==> flow/design.v <==
module cmp4 (
  input logic [3:0] a,
  input logic [3:0] b,
  input logic gi,
  input logic ei,
  output logic go,
  output logic eo
);
  assign go = (a > b) | ((a == b) & gi);
  assign eo = (a == b) & ei;
endmodule
module u_mag_cmp_blk #(
  parameter DATA_WIDTH = 72
) (
  input  logic core_clk,
  input  logic en,
  input  logic [DATA_WIDTH-1:0] A,
  input  logic [DATA_WIDTH-1:0] B,
  output logic a_gt_b,
  output logic is_eq
);
  logic [DATA_WIDTH-1:0] A_s;
  logic [DATA_WIDTH-1:0] B_s;
  always_ff @(posedge core_clk) begin
    if (en) begin
      A_s <= A;
      B_s <= B;
    end
  end
  localparam NBLK = DATA_WIDTH / 4;
  logic [NBLK:0] g;
  logic [NBLK:0] e;
  assign g[0] = 1'b0;
  assign e[0] = 1'b1;
  for (genvar gi = 0; gi < NBLK; gi++) begin : u_g
    cmp4 el (.a(A_s[4*gi +: 4]), .b(B_s[4*gi +: 4]), .gi(g[gi]), .ei(e[gi]), .go(g[gi+1]), .eo(e[gi+1]));
  end
  assign a_gt_b = g[NBLK];
  assign is_eq = e[NBLK];
endmodule
== From RTL to reports: u_mag_cmp_blk ==
What the tools print for u_mag_cmp_blk, step after step.
Line numbers count from 1 in the design file above.
The mark - stands for no value.
Design
  top: u_mag_cmp_blk
  clock: core_clk
  library: sky130hd
  timing corner: tt_025C_1v80

== After elaboration ==
Yosys after proc, flatten, opt, wreduce and memory -nomap, before mapping. Enables and synchronous resets that opt folds into registers are not counted as muxes. Memory bits, and registers merged into a memory's read port (data or address), are not among the register bits. Print and check cells are not counted. Equal cells are merged and count once.
Cells by class
  magnitude comparators: 18
  eq/ne operators: 18
  bitwise operators: 51
Operator list (number)
  4-bit > comparator: 18
  4-bit == test: 18
  1-bit AND: 34
  1-bit OR: 17
Word-level totals
  register bits after elaboration: 144
  input port bits: 146
  output and inout bits: 2

== Depth ==
Yosys ltp: most cells in a row. Word level: on the elaborated netlist, between registers, memories and ports. Mapped: between sequential cells and ports; inverters and the memories' decode and read muxes count.
Logic depth
  depth after elaboration: 35
  ABC_AREA: 0
  gate-level depth with buffers: 8
  depth with buffers taken out: 8

== Synthesis result ==
Yosys stat after the flow's synthesis: flattened, memories mapped to cells. It holds for the ABC_AREA given above (unset counts as 0); a run with the other value may have another netlist.
The area totals of this step are shown rounded.
Mapped netlist
  mapped cells: 415
  chip area (Yosys): 6320 µm²
  area of sequential cells: 4320 µm²
  mapped flip-flops: 144
Cell types (number)
  sky130_fd_sc_hd__edfxtp_1: 144
  sky130_fd_sc_hd__ha_1: 72
  sky130_fd_sc_hd__inv_1: 80
  sky130_fd_sc_hd__nand4_1: 17
  sky130_fd_sc_hd__a21oi_1: 17
  sky130_fd_sc_hd__a21o_1: 7
  sky130_fd_sc_hd__nand2b_1: 6
  sky130_fd_sc_hd__nor2b_1: 6
  sky130_fd_sc_hd__nor3_1: 7
  sky130_fd_sc_hd__o21ai_0: 7
  sky130_fd_sc_hd__a2111oi_2: 2
  sky130_fd_sc_hd__a2111oi_4: 1
  sky130_fd_sc_hd__nand2_1: 7
  sky130_fd_sc_hd__o2111ai_1: 3
  sky130_fd_sc_hd__a2111o_1: 2
  sky130_fd_sc_hd__a211oi_1: 3
  sky130_fd_sc_hd__nor2_1: 6
  sky130_fd_sc_hd__o21a_1: 3
Not listed: further types 19, cells in them 25.
The figures by module come from a second, unflattened synthesis with its own total; it is not the netlist above.
Second synthesis, totals
  cell total of the unflattened synthesis: 434
  area (unflattened synthesis): 6270 µm²
Each row is one instance without its submodules.
Modules
  u_mag_cmp_blk: instances 1, cells 146, area 4330 µm²
  cmp4: instances 18, cells 16, area 108 µm²

== Worst setup path after synthesis ==
Source: OpenSTA report_checks on the synthesized netlist (no wires, ideal clock, input and output delay 20% of the period each), path of least setup slack; recovery checks are left aside. Register names are those of the netlist, which keeps one name where synthesis merged equal registers.
Timing post-synthesis
  path type: reg2out
  start point: reg B_s[16]
  end point: out a_gt_b
  clock period: 2.97 ns
  external output delay: 0.594 ns
  time at the first pin: 0.000 ns
  arrival time: 1.904 ns
  required time: 2.376 ns
  path slack: 0.472 ns
  delay of the path: 1.904 ns
  driving pins on the path: 8
  buffers on the path: 0
  synthesis period reached: 2.498 ns
"delay of the path" is the arrival time less input delay plus setup time.
A path that ends at an output port has no setup time.
"driving pins on the path" counts driving pins, that of a launching flip-flop among them; a cell with two outputs on the path counts twice.
"synthesis period reached" is the clock period less the worst setup slack; recovery checks do not enter. This is arithmetic on one report: input and output delays are still those of the set period (20% each).
The rows between start and end are the longest chain of elaborated cells between them; the timing report does not say that the signal goes this way. Where chains are equally long, one stands for them.
Each line given opens the expression or statement behind the cell; cells for indexed reads and writes are added by Yosys, which also makes memories of some case tables.
On the way, post-synthesis
  cell sequence: sky130_fd_sc_hd__edfxtp_1 sky130_fd_sc_hd__ha_1 sky130_fd_sc_hd__nand2b_1 sky130_fd_sc_hd__a2111oi_2 sky130_fd_sc_hd__or3_4 sky130_fd_sc_hd__a2111oi_4 sky130_fd_sc_hd__a2111oi_2 sky130_fd_sc_hd__o32ai_2
  length of the longest elaborated chain: 29
  elaborated cells on any way between the ends: 30
  those cells by class: compare (1); eq/ne (1); logic (28)
Ends and longest elaborated chain, post-synthesis
  start, declared: RTL line 23  | logic [DATA_WIDTH-1:0] B_s;
  start, assigned: RTL line 27  | B_s <= B;
  4-bit == test: RTL line 9  | assign go = (a > b) | ((a == b) & gi);
  1-bit AND: RTL line 9
  1-bit OR: RTL line 9
  1-bit AND: RTL line 9
  1-bit OR: RTL line 9
  1-bit AND: RTL line 9
  1-bit OR: RTL line 9
  [... 15 more ...]
  1-bit OR: RTL line 9
  1-bit AND: RTL line 9
  1-bit OR: RTL line 9
  1-bit AND: RTL line 9
  1-bit OR: RTL line 9
  1-bit AND: RTL line 9
  1-bit OR: RTL line 9
  end, declared: RTL line 19  | output logic a_gt_b,

== Path in the finished layout ==
Path of least setup slack in the final report of job 2 (OpenROAD, finished layout, wires in). Where an end is a register, its clock arrival counts in the times.
Timing after layout
  path type: reg2out
  start point: reg A_s[6]
  end point: out a_gt_b
  clock period: 2.29 ns
  external output delay: 0.46 ns
  time at the first pin: 0.42 ns
  arrival time: 2.58 ns
  required time: 1.83 ns
  path slack: -0.75 ns
  driving pins on the path: 9
  buffers on the path: 3
The rows between start and end are the longest chain of elaborated cells between them; the timing report does not say that the signal goes this way. Where chains are equally long, one stands for them.
On the way, after layout
  cell sequence: sky130_fd_sc_hd__edfxtp_1 sky130_fd_sc_hd__ha_1 sky130_fd_sc_hd__buf_4 sky130_fd_sc_hd__nand4_1 sky130_fd_sc_hd__buf_4 sky130_fd_sc_hd__a211o_1 sky130_fd_sc_hd__a2111oi_4 sky130_fd_sc_hd__o32ai_2 sky130_fd_sc_hd__buf_2
  length of the longest elaborated chain: 35
  elaborated cells on any way between the ends: 36
  those cells by class: compare (1); eq/ne (1); logic (34)
Ends and longest elaborated chain, after layout
  start, declared: RTL line 22  | logic [DATA_WIDTH-1:0] A_s;
  start, assigned: RTL line 26  | A_s <= A;
  4-bit == test: RTL line 9  | assign go = (a > b) | ((a == b) & gi);
  1-bit AND: RTL line 9
  1-bit OR: RTL line 9
  1-bit AND: RTL line 9
  1-bit OR: RTL line 9
  1-bit AND: RTL line 9
  1-bit OR: RTL line 9
  [... 21 more ...]
  1-bit OR: RTL line 9
  1-bit AND: RTL line 9
  1-bit OR: RTL line 9
  1-bit AND: RTL line 9
  1-bit OR: RTL line 9
  1-bit AND: RTL line 9
  1-bit OR: RTL line 9
  end, declared: RTL line 19  | output logic a_gt_b,

## Implementation results

3 stored runs of u_mag_cmp_blk in the flow (synthesis by Yosys, layout by OpenROAD, sky130hd cells), in arbitrary order. Constraints: input delay and output delay 20% of the set period each, output load 0.01 pF.
"achieved period" is the run's clock period less its worst setup slack. It is reckoned from that one timing run; input and output delays stay at 20% of the period that was set.
By "total power after layout" is meant OpenSTA's value without simulated activity: inputs other than the clock are taken to toggle once in ten clock periods, and the tool carries that through the logic.
The measured numbers are rounded.

==> job 1: settings <==
{ "period_ns": 1.75, "CORE_UTILIZATION": 56, "SETUP_SLACK_MARGIN": 0.47, "PLACE_DENSITY_LB_ADDON": 0.01, "CORE_ASPECT_RATIO": 1.15, "CELL_PAD_IN_SITES_GLOBAL_PLACEMENT": 0, "CELL_PAD_IN_SITES_DETAIL_PLACEMENT": 2, "ABC_AREA": 1, "CAP_MARGIN": 30, "SLEW_MARGIN": 30, "MIN_ROUTING_LAYER": "met2", "CORE_MARGIN": 2 }
==> job 1: results <==
not finished: placement ended with error DPL-0033

==> job 2: settings <==
{ "period_ns": 2.29, "CORE_UTILIZATION": 34, "SETUP_SLACK_MARGIN": -0.05, "PLACE_DENSITY_LB_ADDON": 0.12, "CELL_PAD_IN_SITES_GLOBAL_PLACEMENT": 3, "GPL_TIMING_DRIVEN": 1, "CTS_CLUSTER_SIZE": 66, "SLEW_MARGIN": 0, "CAP_MARGIN": 20, "CORE_MARGIN": 2 }
==> job 2: results <==
standard-cell area after routing: 9100 µm²
cell area after synthesis: 6320 µm²
achieved period: 3.040 ns
total power after layout: 6.82 mW
smallest setup slack: -0.750 ns
die outline area: 19700 µm²
worst hold slack after layout: 0.482 ns

==> job 3: settings <==
{ "period_ns": 2.97, "CAP_MARGIN": 20, "CORE_MARGIN": 2, "CORE_UTILIZATION": 40, "SLEW_MARGIN": 20 }
==> job 3: results <==
achieved period: 3.107 ns
total power after layout: 5.32 mW
smallest setup slack: -0.137 ns
cell area after synthesis: 6320 µm²
die outline area: 16800 µm²
standard-cell area after routing: 8930 µm²
worst hold slack after layout: 0.626 ns
